==> flow/design.v <==
module sync_mul_unit_n #(
    parameter integer DATA_W = 28
) (
    input wire core_clk,
    input wire adv,
    input wire [DATA_W-1:0] lhs,
    input wire [DATA_W-1:0] rhs,
    output wire [2*DATA_W-1:0] q
);
    reg [DATA_W-1:0] lhs_d1;
    always @(posedge core_clk) begin
        if (adv) begin
            lhs_d1 <= lhs;
        end
    end
    reg [DATA_W-1:0] rhs_d1;
    always @(posedge core_clk) begin
        if (adv) begin
            rhs_d1 <= rhs;
        end
    end
    assign q = lhs_d1 * rhs_d1;
endmodule
Step by step through the tools: sync_mul_unit_n
The steps from the RTL of sync_mul_unit_n to its reports follow in flow order.
Line numbers count from 1 in the design file above.
Operators carry their Yosys type and port widths (W data, S select, Z words).
Library cell names are shortened.
The mark n/a stands for no value.
- top: sync_mul_unit_n
- clock: core_clk
- library: sky130hd
- library corner: tt_025C_1v80

After elaboration
Counts by Yosys on the flattened word-level netlist (proc, flatten, opt, wreduce; memories kept). Register bits leave out memories and registers merged into their read ports (data or address); mux counts leave out enables and synchronous resets folded into registers. Print and check cells are left out. Cells with the same type and inputs are merged into one.
- noted bits in read-only memories: 0
- noted cells after elaboration: 3
- noted latch bits: 0
- noted bits of input ports: 58
- clocked read ports x word width at 0
- noted output and inout bits: 56
- noted RAM bits: 0
- flip-flop bits (word level): 56
- memories kept at 0
- shift operators: 0
- noted div/mod/pow operators: 0
- muxes and demuxes at 0
- reduce/logical cells: 0
- eq/ne operators: 0
- noted add/sub/neg operators: 0
- noted bitwise operators: 0
- $lt $le $gt $ge: 0
- noted multipliers: 1
- operator list (operator ; number):
    $mul A28 B28 Y56 ; 1

Longest topological paths
Depth = most cells in a row (Yosys ltp): at word level without a register or memory, in the mapped netlist without a sequential cell, where the memories' decode and read muxes count.
- word-level depth: 1
- noted ABC_AREA: 0
- gate-level depth with buffers: 29
- depth with buffers taken out: 26

Netlist
The flow's flattened synthesis, as Yosys stat reports it; memories are mapped. The netlist is that of the ABC_AREA named above (0 if unset); the other value can give another one.
- cell types (cell type ; number ; area in all (um2)):
    fa_1 ; 674 ; 1.35E+04
    inv_1 ; 777 ; 2.92E+03
    ha_1 ; 210 ; 2627.52
    and2_1 ; 407 ; 2.55E+03
    edfxtp_1 ; 56 ; 1.68E+03
    nand2_1 ; 410 ; 1.54E+03
    clkbuf_1 ; 173 ; 649.373
    xnor2_1 ; 39 ; 341.578
    a21oi_1 ; 52 ; 260.25
    a21o_1 ; 30 ; 225.216
    xor2_1 ; 15 ; 131.376
    nor2_1 ; 25 ; 93.84
    nand3_1 ; 18 ; 90.086
    o21ai_0 ; 17 ; 85.082
    a21oi_2 ; 9 ; 78.826
    o21bai_1 ; 9 ; 67.565
    nand4_1 ; 10 ; 62.56
    nor2b_1 ; 8 ; 50.048
Not listed: further types 35, cells in them 77.
- noted synthesis area: 27609.0 um2
- buffer cells at 181
- sequential part of the area: 1681.6 um2
- mapped flip-flops at 56
- cells in the netlist at 3016

Timing after synthesis
Path of least setup slack by OpenSTA after synthesis, without wires, with an ideal clock, recovery checks aside; 20% of the period is set as input and as output delay. Where synthesis merged equal registers, the netlist keeps one of their names.
- path kind: flip-flop to output port
- from: register lhs_d1[21]
- to: output port q[53]
- slack at 1666 ps
- noted delay of the path: 6574 ps
- stages on the path at 27
- clock period: 10300 ps
- arrival at 6574 ps
- noted output delay: 2060 ps
- time at the first pin: 0 ps
- data required time at 8240 ps
- buffers on the path at 2
- synthesis period reached at 8634 ps
"delay of the path" is the arrival time less input delay plus setup time.
A path that ends at an output port has no setup time.
"stages on the path": output pins that drive a net of the path, with the launching flip-flop's if there is one; two outputs of one cell count as two.
"synthesis period reached" is the clock period less the worst setup slack; recovery checks do not enter. This is arithmetic on one report: input and output delays are still those of the set period (20% each).
The rows between start and end are the longest chain of elaborated cells between them; the timing report does not say that the signal goes this way. Where chains are equally long, one stands for them.
A line is the first line of the expression or statement that the cell stems from. Yosys adds cells for indexed reads and writes and turns some case tables into memories.
- path through: edfxtp_1 -> clkbuf_1 -> clkbuf_1 -> nand2_1 -> fa_1 -> inv_1 -> fa_1 -> fa_1 -> inv_1 -> fa_1 -> inv_1 -> fa_1 -> fa_1 -> inv_1 -> fa_1 -> inv_1 -> ha_1 -> a21oi_2 -> o21ai_1 -> a21oi_1 -> inv_1 -> a221o_1 -> or2_0 -> o21ai_2 -> o31ai_2 -> a311oi_2 -> xnor2_1
- noted cells in the longest elaborated chain: 1
- elaborated cells between the ends (all ways): 1
- source lines of those cells at 1
- classes of those cells: mul (1)
- ends and longest elaborated chain, post-synthesis (what ; RTL line ; source):
    from (decl) ; 10 ; reg [DATA_W-1:0] lhs_d1;
    from (assign) ; 13 ; lhs_d1 <= lhs;
    $mul A28 B28 Y56 ; 22 ; assign q = lhs_d1 * rhs_d1;
    to (decl) ; 8 ; output wire [2*DATA_W-1:0] q

Worst path after layout
From the final timing report of entry A: the path of least setup slack in the routed layout; clock arrival at registers is part of the times.
The report prints the path's times to 10 ps; the period is as set.
- path kind: flip-flop to output port
- from: register rhs_d1[1]
- to: output port q[32]
- buffers on the path at 5
- noted output delay: 1190 ps
- slack at -2440 ps
- clock period: 5930 ps
- data required time at 4740 ps
- arrival at 7190 ps
- stages on the path at 27
- time at the first pin: 290 ps
The rows between start and end are the longest chain of elaborated cells between them; the timing report does not say that the signal goes this way. Where chains are equally long, one stands for them.
- path through: edfxtp_1 -> buf_6 -> and2_4 -> fa_1 -> fa_1 -> fa_1 -> inv_2 -> fa_2 -> inv_2 -> fa_1 -> inv_1 -> fa_1 -> fa_1 -> inv_2 -> ha_4 -> buf_6 -> nand4_1 -> buf_4 -> nor4_4 -> nor2_4 -> buf_4 -> o21bai_1 -> a221o_1 -> nand3_1 -> and2_1 -> xnor2_2 -> dlygate4sd2_1
- noted cells in the longest elaborated chain: 1
- elaborated cells between the ends (all ways): 1
- source lines of those cells at 1
- classes of those cells: mul (1)
- ends and longest elaborated chain, after layout (what ; RTL line ; source):
    from (decl) ; 16 ; reg [DATA_W-1:0] rhs_d1;
    from (assign) ; 19 ; rhs_d1 <= rhs;
    $mul A28 B28 Y56 ; 22 ; assign q = lhs_d1 * rhs_d1;
    to (decl) ; 8 ; output wire [2*DATA_W-1:0] q

Below are 3 stored runs of the flow (Yosys, OpenROAD; platform sky130hd) on sync_mul_unit_n, each with its settings and what was measured, unordered. Constraints: input delay and output delay 20% of the set period each, output load 0.01 pF.
"time of the worst setup path" means the part of the period allowed to the worst setup path (the constraints hold back 20% at inputs and 20% at outputs) less its slack; where the path has registers, the arrival times of their clocks count too.
"time of the worst setup path" is known to 10 ps.

Entry A

==> flow/run.sh <==
#!/bin/bash
# the make line also repeats the synthesis and layout settings of config.mk as NAME=value (left out here)
make -C /OpenROAD-flow-scripts/flow DESIGN_CONFIG=/design/flow/config.mk WORK_HOME=/design/flow/orfs CLKGATE_MAP_FILE= finish
==> flow/config.mk <==
export PLATFORM = sky130hd
export DESIGN_NAME = sync_mul_unit_n
export DESIGN_NICKNAME = sync_mul_unit_n
export VERILOG_FILES = /design/flow/design.v
export SDC_FILE = /design/flow/constraint.sdc
export NUM_CORES = 4
export LEC_CHECK = 0
export CAP_MARGIN = 20
export CELL_PAD_IN_SITES_GLOBAL_PLACEMENT = 0
export CORE_MARGIN = 5
export CORE_UTILIZATION = 52
export CTS_CLUSTER_SIZE = 39
export GPL_ROUTABILITY_DRIVEN = 0
export GPL_TIMING_DRIVEN = 1
export MIN_ROUTING_LAYER = met1
export PLACE_DENSITY_LB_ADDON = 0.3
export SETUP_SLACK_MARGIN = -0.41
export SLEW_MARGIN = 20
==> flow/constraint.sdc <==
create_clock -name core_clock -period 5.93 [get_ports {core_clk}]
set_input_delay 1.1860 -clock core_clock [delete_from_list [all_inputs] [get_ports {core_clk}]]
set_output_delay 1.1860 -clock core_clock [all_outputs]
set_load 0.01 [all_outputs]

Measured in entry A:
- Yosys chip area after synthesis at 27609.0 um2
- full die area at 57801.8 um2
- utilization in the final report at 63.7%
- worst setup slack after layout at -2442 ps
- setup total negative slack at -91944 ps
- time of the worst setup path: 7190 ps
- type of the worst setup path: flip-flop to output port

Entry B

==> flow/run.sh <==
#!/bin/bash
# the make line also repeats the synthesis and layout settings of config.mk as NAME=value (left out here)
make -C /OpenROAD-flow-scripts/flow DESIGN_CONFIG=/design/flow/config.mk WORK_HOME=/design/flow/orfs CLKGATE_MAP_FILE= finish
==> flow/config.mk <==
export PLATFORM = sky130hd
export DESIGN_NAME = sync_mul_unit_n
export DESIGN_NICKNAME = sync_mul_unit_n
export VERILOG_FILES = /design/flow/design.v
export SDC_FILE = /design/flow/constraint.sdc
export NUM_CORES = 4
export LEC_CHECK = 0
export CAP_MARGIN = 20
export CORE_MARGIN = 2
export CORE_UTILIZATION = 40
export SLEW_MARGIN = 20
==> flow/constraint.sdc <==
create_clock -name core_clock -period 10.3 [get_ports {core_clk}]
set_input_delay 2.0600 -clock core_clock [delete_from_list [all_inputs] [get_ports {core_clk}]]
set_output_delay 2.0600 -clock core_clock [all_outputs]
set_load 0.01 [all_outputs]

Measured in entry B:
- Yosys chip area after synthesis at 27609.0 um2
- full die area at 71139.6 um2
- utilization in the final report at 45.7%
- worst setup slack after layout at 307 ps
- setup total negative slack at 0 ps
- time of the worst setup path: 7930 ps
- type of the worst setup path: flip-flop to output port

Entry C

==> flow/run.sh <==
#!/bin/bash
# the make line also repeats the synthesis and layout settings of config.mk as NAME=value (left out here)
make -C /OpenROAD-flow-scripts/flow DESIGN_CONFIG=/design/flow/config.mk WORK_HOME=/design/flow/orfs CLKGATE_MAP_FILE= finish
==> flow/config.mk <==
export PLATFORM = sky130hd
export DESIGN_NAME = sync_mul_unit_n
export DESIGN_NICKNAME = sync_mul_unit_n
export VERILOG_FILES = /design/flow/design.v
export SDC_FILE = /design/flow/constraint.sdc
export NUM_CORES = 4
export LEC_CHECK = 0
export ABC_AREA = 0
export CAP_MARGIN = 20
export CELL_PAD_IN_SITES_GLOBAL_PLACEMENT = 2
export CORE_ASPECT_RATIO = 0.52
export CORE_MARGIN = 2
export CORE_UTILIZATION = 56
export CTS_CLUSTER_DIAMETER = 92
export GPL_ROUTABILITY_DRIVEN = 1
export GPL_TIMING_DRIVEN = 1
export MAX_ROUTING_LAYER = met5
export MIN_ROUTING_LAYER = met1
export SETUP_SLACK_MARGIN = 2.5
export SLEW_MARGIN = 20
==> flow/constraint.sdc <==
create_clock -name core_clock -period 11.0 [get_ports {core_clk}]
set_input_delay 2.2000 -clock core_clock [delete_from_list [all_inputs] [get_ports {core_clk}]]
set_output_delay 2.2000 -clock core_clock [all_outputs]
set_load 0.01 [all_outputs]

Measured in entry C:
- Yosys chip area after synthesis at 27609.0 um2
- full die area at 51189.9 um2
- utilization in the final report at 69.3%
- worst setup slack after layout at 1282 ps
- setup total negative slack at 0 ps
- time of the worst setup path: 7520 ps
- type of the worst setup path: flip-flop to output port
